==> flow/design.v <==
module my_mult #(
    parameter DW = 24
) (
    input  ck,
    input  nrst,
    input  [DW-1:0] a,
    input  [DW-1:0] b,
    output reg [2*DW-1:0] result
);
    reg [DW-1:0] r_a;
    reg [DW-1:0] r_b;
    always @(posedge ck) begin
        if (!nrst) begin
            r_a <= 0;
            r_b <= 0;
            result <= 0;
        end else begin
            r_a <= a;
            r_b <= b;
            result <= r_a * r_b;
        end
    end
endmodule
-- Tool chain data of my_mult
What the tools print for my_mult, step after step.
Line numbers count from 1 in the design file above.
Cell names lack the library's common part.
A cell with n/a has no value.
- top: my_mult
- clock port: ck
- cell library: sky130hd
- library corner: tt_025C_1v80

-- After elaboration
Source: Yosys, flattened and elaborated, memories not mapped. Widths are those after wreduce; folded enables and synchronous resets count as part of the registers. Registers that Yosys merges into a memory's read port (data or address) are not register bits. Print and check cells do not count. Equal cells are merged and count once.
- elaborated cells: 4
- noted output and inout bits: 48
- register bits after elaboration: 96
- bits of input ports at 50
- noted multiply operators: 1
- operators by type and width (cell ; count):
    multiplier 24 x 24 -> 48 bit ; 1

-- Depth
Longest topological path by Yosys (ltp), each cell counted once; first at word level (registers and memories cut), then after technology mapping (sequential cells cut; the memories' decode and read muxes count).
- depth in word-level cells at 1
- ABC_AREA: 0
- noted gate-level depth with buffers: 26

-- Synthesis result
The flow's flattened synthesis, as Yosys stat reports it; memories are mapped. The netlist is that of the ABC_AREA named above (0 if unset); the other value can give another one.
Totals and module areas in this step are rounded.
- cell types (cell ; count ; area in all (um^2)):
    fa_1 ; 482 ; 9.65E+03
    and2_1 ; 361 ; 2.26E+03
    ha_1 ; 174 ; 2.18E+03
    inv_1 ; 560 ; 2.1E+03
    dfxtp_1 ; 96 ; 1.92E+03
    nand2_1 ; 324 ; 1.22E+03
    clkbuf_1 ; 117 ; 439.171
    a21oi_1 ; 57 ; 285.274
    nor2_1 ; 47 ; 176.419
    o21ai_0 ; 30 ; 150.144
    xnor2_1 ; 17 ; 148.893
    xor2_1 ; 14 ; 122.618
    a21o_1 ; 13 ; 97.594
    and3_1 ; 12 ; 75.072
    nand4_1 ; 11 ; 68.816
    mux2i_1 ; 6 ; 60.058
    nand3_1 ; 12 ; 60.058
    nor3_1 ; 11 ; 55.053
Other cell types: 34; their cells: 72.
- flip-flops at 96
- noted cells in the netlist: 2416
- buffer cells: 118
- noted synthesis area: 21620 um^2

-- Worst setup path after synthesis
OpenSTA on the mapped netlist: ideal clock, no wires. The path of least setup slack (recovery checks aside). Input and output delay are each 20% of the period. Register names are those of the netlist, which keeps one name where synthesis merged equal registers.
- path type: reg2reg
- start: register r_b[3]
- end: register result[35]
- noted time at the first pin: 0.000 ns
- noted stages on the path: 27
- noted arrival time: 6.704 ns
- buffers on the path: 2
- data required time: 8.405 ns
- noted library setup time: 0.115 ns
- path delay: 6.819 ns
- setup slack at 1.701 ns
- noted period: 8.52 ns
- synthesis period reached: 6.819 ns
"path delay" is the arrival time less input delay plus setup time.
"stages on the path" counts driving pins, that of a launching flip-flop among them; a cell with two outputs on the path counts twice.
"synthesis period reached" = period - worst setup slack (recovery checks aside). The figure is calculated, with input and output delays left at 20% of the set period.
The rows between start and end are the longest chain of elaborated cells between them; the timing report does not say that the signal goes this way. Where chains are equally long, one stands for them.
A line is the first line of the expression or statement that the cell stems from. Yosys adds cells for indexed reads and writes and turns some case tables into memories.
- cell sequence: dfxtp_1 > clkbuf_1 > nand2_1 > fa_1 > inv_1 > fa_1 > inv_1 > fa_1 > inv_1 > fa_1 > inv_1 > fa_1 > inv_1 > fa_1 > inv_1 > fa_1 > inv_1 > ha_1 > buf_6 > a211oi_2 > nor2_1 > or4b_1 > a41o_1 > a31oi_1 > or3b_1 > xor2_1 > and2_1
- cells in the longest elaborated chain at 1
- noted elaborated cells on any way between the ends: 1
- source lines of those cells: 1
- those cells by class: 1 x mul
- RTL lines, path post-synthesis (item ; RTL line ; RTL):
    start, declared ; 11 ; reg [DW-1:0] r_b;
    start, assigned ; 15 ; r_b <= 0;
    start, assigned ; 19 ; r_b <= b;
    multiplier 24 x 24 -> 48 bit ; 20 ; result <= r_a * r_b;
    end, assigned ; 16 ; result <= 0;
    end, assigned ; 20 ;
    end, declared ; 8 ; output reg [2*DW-1:0] result

-- Worst path after layout
From the final timing report of run 1: the path of least setup slack in the routed layout; clock arrival at registers is part of the times.
- path type: reg2reg
- start: register r_a[14]
- end: register result[44]
- data required time: 7.71 ns
- setup slack at 0.03 ns
- noted time at the first pin: 0.40 ns
- noted library setup time: 0.09 ns
- noted period: 7.39 ns
- buffers on the path: 3
- noted stages on the path: 25
- noted arrival time: 7.68 ns
The rows between start and end are the longest chain of elaborated cells between them; the timing report does not say that the signal goes this way. Where chains are equally long, one stands for them.
- cell sequence: dfxtp_1 > buf_6 > nand2_1 > fa_1 > inv_1 > fa_1 > inv_1 > fa_1 > fa_1 > inv_1 > fa_1 > fa_1 > inv_1 > fa_1 > inv_1 > ha_1 > buf_4 > a21o_1 > nand3_1 > and2_1 > o311ai_1 > buf_4 > o2111ai_1 > o21ai_1 > mux2i_1
- cells in the longest elaborated chain at 1
- noted elaborated cells on any way between the ends: 1
- source lines of those cells: 1
- those cells by class: 1 x mul
- RTL lines, path post-layout (item ; RTL line ; RTL):
    start, declared ; 10 ; reg [DW-1:0] r_a;
    start, assigned ; 14 ; r_a <= 0;
    start, assigned ; 18 ; r_a <= a;
    multiplier 24 x 24 -> 48 bit ; 20 ; result <= r_a * r_b;
    end, assigned ; 16 ; result <= 0;
    end, assigned ; 20 ;
    end, declared ; 8 ; output reg [2*DW-1:0] result

## Implementation results

Measured data: module my_mult, platform sky130hd, 3 stored runs of the flow under differing settings, order arbitrary. Input and output delays are each 20% of the period that was set; the output load is 0.01 pF.
By "clock period achieved" is meant the clock period of the run minus its worst setup slack. This is arithmetic on one report: input and output delays are still those of the set period (20% each).
"time on the worst setup path": the worst setup path's part of the clock period (all of it between registers, 20% less for each end at a port) less its slack. A launch clock that arrives late makes it longer, a capture clock that arrives late makes it shorter.
By "total power of the final layout" is meant OpenSTA's value without simulated activity: inputs other than the clock are taken to toggle once in ten clock periods, and the tool carries that through the logic.
The measured numbers are rounded.

Run 1

==> flow/run.sh <==
#!/bin/bash
# the make line also repeats the synthesis and layout settings of config.mk as NAME=value (left out here)
make -C /OpenROAD-flow-scripts/flow DESIGN_CONFIG=/design/flow/config.mk WORK_HOME=/design/flow/orfs CLKGATE_MAP_FILE= finish
==> flow/config.mk <==
export PLATFORM = sky130hd
export DESIGN_NAME = my_mult
export DESIGN_NICKNAME = my_mult
export VERILOG_FILES = /design/flow/design.v
export SDC_FILE = /design/flow/constraint.sdc
export NUM_CORES = 4
export LEC_CHECK = 0
export CAP_MARGIN = 5
export CELL_PAD_IN_SITES_DETAIL_PLACEMENT = 2
export CORE_ASPECT_RATIO = 1.02
export CORE_MARGIN = 5
export CORE_UTILIZATION = 16
export GPL_ROUTABILITY_DRIVEN = 0
export GPL_TIMING_DRIVEN = 1
export HOLD_SLACK_MARGIN = 0.29
export SLEW_MARGIN = 20
==> flow/constraint.sdc <==
create_clock -name core_clock -period 7.39 [get_ports {ck}]
set_input_delay 1.4780 -clock core_clock [delete_from_list [all_inputs] [get_ports {ck}]]
set_output_delay 1.4780 -clock core_clock [all_outputs]
set_load 0.01 [all_outputs]

Measured in run 1:
- clock period achieved: 7.358 ns
- total power of the final layout at 5356 uW
- setup slack of the worst path: 0.032 ns
- worst hold slack in the final report: 0.729 ns
- post-route setup TNS at 0.000 ns
- post-layout utilization: 19.0 %
- standard-cell area after routing at 25530 um^2
- noted the Yosys chip area after synthesis: 21620 um^2
- noted the time on the worst setup path: 7.36 ns
- worst path kind: reg2reg
- noted the overall die area: 142600 um^2

Run 2

==> flow/run.sh <==
#!/bin/bash
# the make line also repeats the synthesis and layout settings of config.mk as NAME=value (left out here)
make -C /OpenROAD-flow-scripts/flow DESIGN_CONFIG=/design/flow/config.mk WORK_HOME=/design/flow/orfs CLKGATE_MAP_FILE= finish
==> flow/config.mk <==
export PLATFORM = sky130hd
export DESIGN_NAME = my_mult
export DESIGN_NICKNAME = my_mult
export VERILOG_FILES = /design/flow/design.v
export SDC_FILE = /design/flow/constraint.sdc
export NUM_CORES = 4
export LEC_CHECK = 0
export CAP_MARGIN = 20
export CELL_PAD_IN_SITES_DETAIL_PLACEMENT = 1
export CORE_ASPECT_RATIO = 0.51
export CORE_MARGIN = 2
export CORE_UTILIZATION = 56
export CTS_CLUSTER_DIAMETER = 379
export CTS_CLUSTER_SIZE = 87
export HOLD_SLACK_MARGIN = 0.18
export PLACE_DENSITY_LB_ADDON = 0.13
export SLEW_MARGIN = 20
==> flow/constraint.sdc <==
create_clock -name core_clock -period 5.02 [get_ports {ck}]
set_input_delay 1.0040 -clock core_clock [delete_from_list [all_inputs] [get_ports {ck}]]
set_output_delay 1.0040 -clock core_clock [all_outputs]
set_load 0.01 [all_outputs]

Run 2: did not finish, routing stopped with GRT-0116.

Run 3

==> flow/run.sh <==
#!/bin/bash
# the make line also repeats the synthesis and layout settings of config.mk as NAME=value (left out here)
make -C /OpenROAD-flow-scripts/flow DESIGN_CONFIG=/design/flow/config.mk WORK_HOME=/design/flow/orfs CLKGATE_MAP_FILE= finish
==> flow/config.mk <==
export PLATFORM = sky130hd
export DESIGN_NAME = my_mult
export DESIGN_NICKNAME = my_mult
export VERILOG_FILES = /design/flow/design.v
export SDC_FILE = /design/flow/constraint.sdc
export NUM_CORES = 4
export LEC_CHECK = 0
export CAP_MARGIN = 20
export CORE_MARGIN = 2
export CORE_UTILIZATION = 40
export SLEW_MARGIN = 20
==> flow/constraint.sdc <==
create_clock -name core_clock -period 8.52 [get_ports {ck}]
set_input_delay 1.7040 -clock core_clock [delete_from_list [all_inputs] [get_ports {ck}]]
set_output_delay 1.7040 -clock core_clock [all_outputs]
set_load 0.01 [all_outputs]

Measured in run 3:
- clock period achieved: 7.842 ns
- total power of the final layout at 4100 uW
- setup slack of the worst path: 0.678 ns
- worst hold slack in the final report: 0.869 ns
- post-route setup TNS at 0.000 ns
- post-layout utilization: 44.0 %
- standard-cell area after routing at 23610 um^2
- noted the Yosys chip area after synthesis: 21620 um^2
- noted the time on the worst setup path: 7.84 ns
- worst path kind: reg2reg
- noted the overall die area: 55930 um^2
